==> flow/design.v <==
module dp_mul_core_n #(
  parameter integer DATA_W = 5
) (
  input wire i_clk,
  input wire resetn,
  input wire [DATA_W-1:0] opa,
  output wire [2*DATA_W-1:0] p
);
  reg [DATA_W-1:0] opa_reg;
  always @(posedge i_clk or negedge resetn) begin
    if (~resetn) begin
      opa_reg <= 0;
    end else begin
      opa_reg <= opa;
    end
  end
  assign p = opa_reg * opa_reg;
endmodule
* Step by step through the tools: dp_mul_core_n *
The steps from the RTL of dp_mul_core_n to its reports follow in flow order.
Lines are those of the file above, counted from 1.
Operators carry their Yosys type and port widths (W data, S select, Z words).
Cell names lack the library's common part.
The mark - stands for no value.

inputs
  design top = dp_mul_core_n
  clock port = i_clk
  standard-cell library = sky130hd
  library corner = tt_025C_1v80

* After elaboration *
Yosys after proc, flatten, opt, wreduce and memory -nomap, before mapping. Enables and synchronous resets that opt folds into registers are not counted as muxes. Memory bits, and registers merged into a memory's read port (data or address), are not among the register bits. Print and check cells are not counted. Equal cells are merged and count once.

word-level totals
  output and inout bits = 10
  flip-flop bits (word level) = 5
  input port bits = 7

cells by class
  multipliers = 1

operators by type and width
  cell            count
  $mul A5 B5 Y10  1

* Logic depth *
Depth = most cells in a row (Yosys ltp): at word level without a register or memory, in the mapped netlist without a sequential cell, where the memories' decode and read muxes count.

logic depth
  depth in word-level cells = 1
  ABC_AREA = 0
  gate-level depth with buffers = 11
  mapped depth without buffers = 11

* Mapped cells and area *
Source: synth_stat.txt of the flow (Yosys; design flattened, memories mapped). It holds for the ABC_AREA given above (unset counts as 0); a run with the other value may have another netlist.

cells by type
  type      count  area in all (um^2)
  dfrtp_1   5      125.12
  ha_1      10     125.12
  fa_1      3      60.058
  and2_1    7      43.792
  xnor2_1   4      35.034
  inv_1     8      30.029
  nand2_1   7      26.275
  a21oi_1   5      25.024
  nor2_1    5      18.768
  nor2b_1   3      18.768
  buf_4     2      15.014
  nand4_1   2      12.512
  o31ai_2   1      12.512
  a221oi_1  1      8.758
  a31o_2    1      8.758
  o311ai_0  1      8.758
  o311ai_1  1      8.758
  xor2_1    1      8.758

Not listed: further types 5, cells in them 5.

synthesis totals
  buffer cells = 2
  area of sequential cells = 125.1 um^2
  flip-flops = 5
  chip area (Yosys) = 623.1 um^2
  cell count = 72

* Timing after synthesis *
Source: OpenSTA report_checks on the synthesized netlist (no wires, ideal clock, input and output delay 20% of the period each), path of least setup slack; recovery checks are left aside. Register names are those of the netlist, which keeps one name where synthesis merged equal registers.

path after synthesis
  path type = flip-flop to output port
  start point = register opa_reg[0]
  end point = output port p[7]
  data arrival time = 3.020 ns
  time at the first pin = 0.000 ns
  setup slack = 0.756 ns
  delay of the path = 3.020 ns
  stages on the path = 11
  data required time = 3.776 ns
  clock period = 4.72 ns
  synthesis period reached = 3.964 ns

"delay of the path" = arrival - input delay + setup time.
A path that ends at an output port has no setup time.
"stages on the path" counts driving pins, that of a launching flip-flop among them; a cell with two outputs on the path counts twice.
"synthesis period reached" = period - worst setup slack (recovery checks aside). The figure is calculated, with input and output delays left at 20% of the set period.
The rows between start and end are the longest chain of elaborated cells between them; the timing report does not say that the signal goes this way. Where chains are equally long, one stands for them.
Each line given opens the expression or statement behind the cell; cells for indexed reads and writes are added by Yosys, which also makes memories of some case tables.

between the ends, after synthesis
  cells stage by stage = dfrtp_1 > nand2_1 > fa_1 > inv_1 > fa_1 > ha_1 > a31o_2 > ha_1 > inv_1 > a21o_1 > o311ai_0
  cells in the longest elaborated chain = 1
  elaborated cells on any way between the ends = 1

ends and longest elaborated chain, after synthesis
  item                RTL line  source
  start: declaration  9         reg [DATA_W-1:0] opa_reg;
  start: assignment   12        opa_reg <= 0;
  start: assignment   14        opa_reg <= opa;
  $mul A5 B5 Y10      17        assign p = opa_reg * opa_reg;
  end: declaration    7         output wire [2*DATA_W-1:0] p

* Worst path after layout *
From the final timing report of flow run A: the path of least setup slack in the routed layout; clock arrival at registers is part of the times.

path post-layout
  path type = flip-flop to output port
  start point = register opa_reg[1]
  end point = output port p[9]
  stages on the path = 14
  setup slack = -0.92 ns
  data required time = 2.23 ns
  clock period = 2.79 ns
  data arrival time = 3.15 ns
  time at the first pin = 0.24 ns

The rows between start and end are the longest chain of elaborated cells between them; the timing report does not say that the signal goes this way. Where chains are equally long, one stands for them.

between the ends, post-layout
  cells stage by stage = dfrtp_1 > buf_4 > buf_6 > and3_4 > and2_1 > fa_1 > ha_1 > a31o_2 > ha_4 > inv_2 > a21o_1 > o31ai_2 > xnor2_1 > buf_2
  cells in the longest elaborated chain = 1
  elaborated cells on any way between the ends = 1

ends and longest elaborated chain, post-layout
  item                RTL line  source
  start: declaration  9         reg [DATA_W-1:0] opa_reg;
  start: assignment   12        opa_reg <= 0;
  start: assignment   14        opa_reg <= opa;
  $mul A5 B5 Y10      17        assign p = opa_reg * opa_reg;
  end: declaration    7         output wire [2*DATA_W-1:0] p

Lab notebook: dp_mul_core_n

Flow measurements of dp_mul_core_n on sky130hd: 3 stored runs with different settings, listed in no order. Input and output delays are each 20% of the period that was set; the output load is 0.01 pF.
"allowed time less slack (worst setup path)" is the time allowed to the run's worst setup path (the clock period less input and output delay, where it has them) less its slack. Clock arrival times count: a late capture clock shortens it, a late launch clock lengthens it.
By "total power of the final layout" is meant OpenSTA's value without simulated activity: inputs other than the clock are taken to toggle once in ten clock periods, and the tool carries that through the logic.
Settings: - = not set for that run.

item                                             flow run A                flow run B                flow run C
period_ns                                        2.79                      4.72                      4.66
CORE_UTILIZATION                                 30                        40                        16
SETUP_SLACK_MARGIN                               0.4                       -                         -0.39
PLACE_DENSITY_LB_ADDON                           0.04                      -                         0.16
ABC_AREA                                         0                         -                         0
CTS_CLUSTER_SIZE                                 68                        -                         -
CTS_CLUSTER_DIAMETER                             358                       -                         54
CAP_MARGIN                                       35                        20                        20
SLEW_MARGIN                                      35                        20                        25
MIN_ROUTING_LAYER                                met1                      -                         met2
MAX_ROUTING_LAYER                                met4                      -                         -
CORE_MARGIN                                      2                         2                         8
CORE_ASPECT_RATIO                                -                         -                         1.23
CELL_PAD_IN_SITES_DETAIL_PLACEMENT               -                         -                         0
standard-cell area of the final layout (um^2)    996.0                     857.1                     908.4
netlist area reported by Yosys (um^2)            623.1                     623.1                     623.1
total negative slack (ns)                        -3.990                    0.000                     -0.007
die area (um^2)                                  2457.7                    1889.6                    6158.1
total power of the final layout (mW)             0.3352                    0.1810                    0.2165
setup slack of the worst path (ns)               -0.918                    0.283                     -0.007
allowed time less slack (worst setup path) (ns)  3.15                      3.49                      3.74
type of the worst setup path                     flip-flop to output port  flip-flop to output port  flip-flop to output port
